==> flow/design.v <==
module core_cmp_rtl (core_clk, A_i, B_i, is_gt_o);
    parameter XLEN = 8;
    input core_clk;
    input [XLEN-1:0] A_i;
    input [XLEN-1:0] B_i;
    output is_gt_o;
    reg [XLEN-1:0] A_ff;
    reg [XLEN-1:0] B_ff;
    reg is_gt_ff;
    always @(posedge core_clk) begin
        A_ff <= A_i;
        B_ff <= B_i;
        is_gt_ff <= (A_ff > B_ff);
    end
    assign is_gt_o = is_gt_ff;
endmodule
Reports on core_cmp_rtl

Module core_cmp_rtl in several versions that differ in "XLEN"; each step lists the members.
The RTL above is that of XLEN=8; lines are counted from 1 in the file of the member named.
Operators: Yosys type, input widths -> output width; for muxes data width and select width s.
Library cell names are shortened.
A cell with -- has no value.

Top module: core_cmp_rtl
Clock: core_clk
Standard-cell library: sky130hd
Library corner: tt_025C_1v80

Source of the members

New or changed lines of each further member against the RTL above, in its own file; lines it lacks are not shown.

New or changed lines:

| XLEN | line | source |
| 12   | 2    | `parameter XLEN = 12;` |
| 14   | 2    | `parameter XLEN = 14;` |
| 32   | 2    | `parameter XLEN = 32;` |
| 36   | 2    | `parameter XLEN = 36;` |
| 48   | 2    | `parameter XLEN = 48;` |

Word-level counts

Counts by Yosys on the flattened word-level netlist (proc, flatten, opt, wreduce; memories kept). Register bits leave out memories and registers merged into their read ports (data or address); mux counts leave out enables and synchronous resets folded into registers. Print and check cells are left out. Cells with the same type and inputs are merged into one.

Operators by class:

| XLEN | order comparisons |
| 8    | 1 |
| 12   | 1 |
| 14   | 1 |
| 32   | 1 |
| 36   | 1 |
| 48   | 1 |

Operators with widths:

| XLEN | kinds with counts |
| 8    | $gt 8x8->1 (1) |
| 12   | $gt 12x12->1 (1) |
| 14   | $gt 14x14->1 (1) |
| 32   | $gt 32x32->1 (1) |
| 36   | $gt 36x36->1 (1) |
| 48   | $gt 48x48->1 (1) |

Word-level totals:

| XLEN | bits in registers | output and inout bits | word-level cells |
| 8    | 17                | 1                     | 4 |
| 12   | 25                | 1                     | 4 |
| 14   | 29                | 1                     | 4 |
| 32   | 65                | 1                     | 4 |
| 36   | 73                | 1                     | 4 |
| 48   | 97                | 1                     | 4 |

Depth

Longest topological path by Yosys (ltp), each cell counted once; first at word level (registers and memories cut), then after technology mapping (sequential cells cut; the memories' decode and read muxes count).

Depth:

| XLEN | depth in word-level cells | ABC_AREA | gate-level depth with buffers | gate-level depth less buffers |
| 8    | 1                         | 0        | 6                             | 6 |
| 12   | 1                         | 0        | 6                             | 6 |
| 14   | 1                         | 0        | 6                             | 6 |
| 32   | 1                         | 0        | 7                             | 7 |
| 36   | 1                         | 0        | 8                             | 8 |
| 48   | 1                         | 0        | 7                             | 7 |

Synthesis result

The flow's flattened synthesis, as Yosys stat reports it; memories are mapped. The netlist is that of the ABC_AREA named above (0 if unset); the other value can give another one.

Mapped netlist:

| XLEN | mapped area (um^2) | flip-flops | standard cells after synthesis | buffers | sequential area (um^2) |
| 8    | 556.8              | 17         | 44                             | 0       | 340.3 |
| 12   | 797.0              | 25         | 67                             | 0       | 500.5 |
| 14   | 927.1              | 29         | 77                             | 0       | 580.6 |
| 32   | 2107.0             | 65         | 177                            | 0       | 1301.2 |
| 36   | 2379.8             | 73         | 202                            | 0       | 1461.4 |
| 48   | 3206.8             | 97         | 265                            | 0       | 1941.9 |

Cell types:

| XLEN | types with counts |
| 8    | dfxtp_1 (17); ha_1 (8); inv_1 (8); a21oi_1 (3); nor2b_4 (1); nand4_2 (1); o211ai_2 (1); a21oi_2 (1); o22a_1 (1); nand4_1 (1); o21ai_0 (1); nand2_1 (1) |
| 12   | dfxtp_1 (25); ha_1 (12); inv_1 (12); a21oi_1 (5); nand4_1 (3); a211o_1 (1); nand2_1 (2); o211ai_1 (1); a31oi_1 (1); nand2b_1 (1); nor2b_1 (1); nand3_1 (1); nor3_1 (1); o21ai_1 (1) |
| 14   | dfxtp_1 (29); ha_1 (14); inv_1 (14); a21oi_1 (5); nand4_1 (3); a21o_1 (2); nand3_1 (2); a311oi_1 (1); and4_1 (1); o31a_1 (1); nor2b_1 (1); o21ai_0 (1); o21ai_1 (1); nand2_1 (1); nor2_1 (1) |
| 32   | dfxtp_1 (65); ha_1 (32); inv_1 (32); a21oi_1 (13); nand4_1 (5); nand3_1 (5); nand2_1 (6); a221o_1 (2); and4_1 (2); a2111oi_2 (1); a21boi_0 (2); a21o_1 (2); nor2_1 (3); nor4bb_1 (1); o211ai_1 (1); o31ai_1 (1); nor2b_1 (1); nor4_1 (1); [+2] |
| 36   | dfxtp_1 (73); ha_1 (36); inv_1 (38); a21oi_1 (14); nand4_1 (7); nand3_1 (6); nand2_1 (7); a21o_1 (3); and4_1 (2); o21ai_0 (3); and4bb_2 (1); nor4_2 (1); a221o_1 (1); a2111oi_0 (1); a21oi_2 (1); o31a_1 (1); a211oi_1 (1); nor2_1 (2); [+4] |
| 48   | dfxtp_1 (97); ha_1 (48); inv_1 (48); a21oi_1 (18); a21o_1 (6); nand4_2 (3); and4_1 (4); nand2_1 (9); a41o_1 (3); o21ai_0 (6); nand3_1 (5); nand4_4 (1); nor4_4 (1); nand4_1 (3); nor4_2 (1); a221o_1 (1); nand3_2 (1); a221oi_1 (1); [+9] |

The mark [+n] counts cells that are not listed.

Worst setup path after synthesis

Path of least setup slack by OpenSTA after synthesis, without wires, with an ideal clock, recovery checks aside; 20% of the period is set as input and as output delay. Where synthesis merged equal registers, the netlist keeps one of their names.

Path after synthesis:

| XLEN | path kind | from              | to                | clock period (ps) | delay of the path (ps) | stages on the path | slack (ps) | synthesis period reached (ps) |
| 8    | reg2reg   | register B_ff[1]  | register is_gt_ff | 1450              | 1164                   | 7                  | 286        | 1164 |
| 12   | reg2reg   | register B_ff[1]  | register is_gt_ff | 1540              | 1235                   | 7                  | 305        | 1235 |
| 14   | reg2reg   | register B_ff[5]  | register is_gt_ff | 1660              | 1330                   | 7                  | 330        | 1330 |
| 32   | reg2reg   | register B_ff[17] | register is_gt_ff | 2120              | 1695                   | 8                  | 425        | 1695 |
| 36   | reg2reg   | register B_ff[18] | register is_gt_ff | 2150              | 1723                   | 9                  | 427        | 1723 |
| 48   | reg2reg   | register B_ff[31] | register is_gt_ff | 1940              | 1555                   | 8                  | 385        | 1555 |

"delay of the path" = arrival - input delay + setup time.
"stages on the path": output pins that drive a net of the path, with the launching flip-flop's if there is one; two outputs of one cell count as two.
"synthesis period reached" is the clock period less the worst setup slack; recovery checks do not enter. This is arithmetic on one report: input and output delays are still those of the set period (20% each).
Between the ends stands the longest chain of elaborated cells between them, by number of cells; it is not shown to be the way that was timed. Of several equally long chains one is given.
Each line given opens the expression or statement behind the cell; cells for indexed reads and writes are added by Yosys, which also makes memories of some case tables.

On the way, after synthesis, XLEN=8:
Length of the longest elaborated chain: 1

RTL lines, path after synthesis, XLEN=8:

| what               | line | source |
| start: declaration | 8    | `reg [XLEN-1:0] B_ff;` |
| start: assignment  | 12   | `B_ff <= B_i;` |
| $gt 8x8->1         | 13   | `is_gt_ff <= (A_ff > B_ff);` |
| end: assignment    | 13   |  |
| end: declaration   | 9    | `reg is_gt_ff;` |

On the way, after synthesis, XLEN=48:
Length of the longest elaborated chain: 1

RTL lines, path after synthesis, XLEN=48:

| what               | line | source |
| start: declaration | 8    | `reg [XLEN-1:0] B_ff;` |
| start: assignment  | 12   | `B_ff <= B_i;` |
| $gt 48x48->1       | 13   | `is_gt_ff <= (A_ff > B_ff);` |
| end: assignment    | 13   |  |
| end: declaration   | 9    | `reg is_gt_ff;` |

Worst path after layout

Path of least setup slack in the final report of each member's run (OpenROAD, finished layout, wires in). Where an end is a register, its clock arrival counts in the times.
The path's times are printed in steps of 10 ps; the period is the one set.

Path after layout:

| XLEN | path kind | from              | to                | clock period (ps) | arrival (ps) | slack (ps) | stages on the path | buffers on the path |
| 8    | reg2reg   | register B_ff[1]  | register is_gt_ff | 1450              | 1440         | 200        | 7                  | 0 |
| 12   | reg2out   | register is_gt_ff | output is_gt_o    | 1540              | 1150         | 80         | 2                  | 1 |
| 14   | reg2out   | register is_gt_ff | output is_gt_o    | 1660              | 1150         | 170        | 2                  | 1 |
| 32   | reg2reg   | register B_ff[14] | register is_gt_ff | 2120              | 2050         | 330        | 8                  | 0 |
| 36   | reg2reg   | register B_ff[11] | register is_gt_ff | 2150              | 2070         | 310        | 9                  | 0 |
| 48   | reg2reg   | register B_ff[26] | register is_gt_ff | 1940              | 2030         | 180        | 8                  | 0 |

Flow runs

One run of the flow (Yosys, OpenROAD) for each member, with settings and measured results. Input and output delays are each 20% of the period that was set; the output load is 0.01 pF.

CAP_MARGIN: 20
CORE_MARGIN: 2
CORE_UTILIZATION: 40
SLEW_MARGIN: 20

Settings that differ:

| XLEN | period_ns |
| 8    | 1.45 |
| 12   | 1.54 |
| 14   | 1.66 |
| 32   | 2.12 |
| 36   | 2.15 |
| 48   | 1.94 |

Measured results:

| XLEN | sum of negative setup slack (ps) | synthesized cell area (um^2) | worst setup slack after layout (ps) | post-route worst hold slack (ps) | clock period reached (ps) | post-route utilization | total power after layout (µW) | total die area (um^2) |
| 8    | 0                                | 556.8                        | 203                                 | 434                              | 1247                      | 0.598                  | 864.1                         | 1706.5 |
| 12   | 0                                | 797.0                        | 82                                  | 432                              | 1458                      | 0.576                  | 1095                          | 2365.4 |
| 14   | 0                                | 927.1                        | 174                                 | 441                              | 1486                      | 0.606                  | 1479                          | 2719.1 |
| 32   | 0                                | 2107.0                       | 325                                 | 533                              | 1795                      | 0.592                  | 2498                          | 5863.7 |
| 36   | 0                                | 2379.8                       | 307                                 | 529                              | 1843                      | 0.581                  | 2761                          | 6582.1 |
| 48   | 0                                | 3206.8                       | 181                                 | 478                              | 1759                      | 0.58                   | 3833                          | 8749.7 |

"clock period reached" means the clock period less the worst setup slack. The figure is calculated, with input and output delays left at 20% of the set period.
"total power after layout" is the tool's figure for a default switching activity; nothing was simulated.
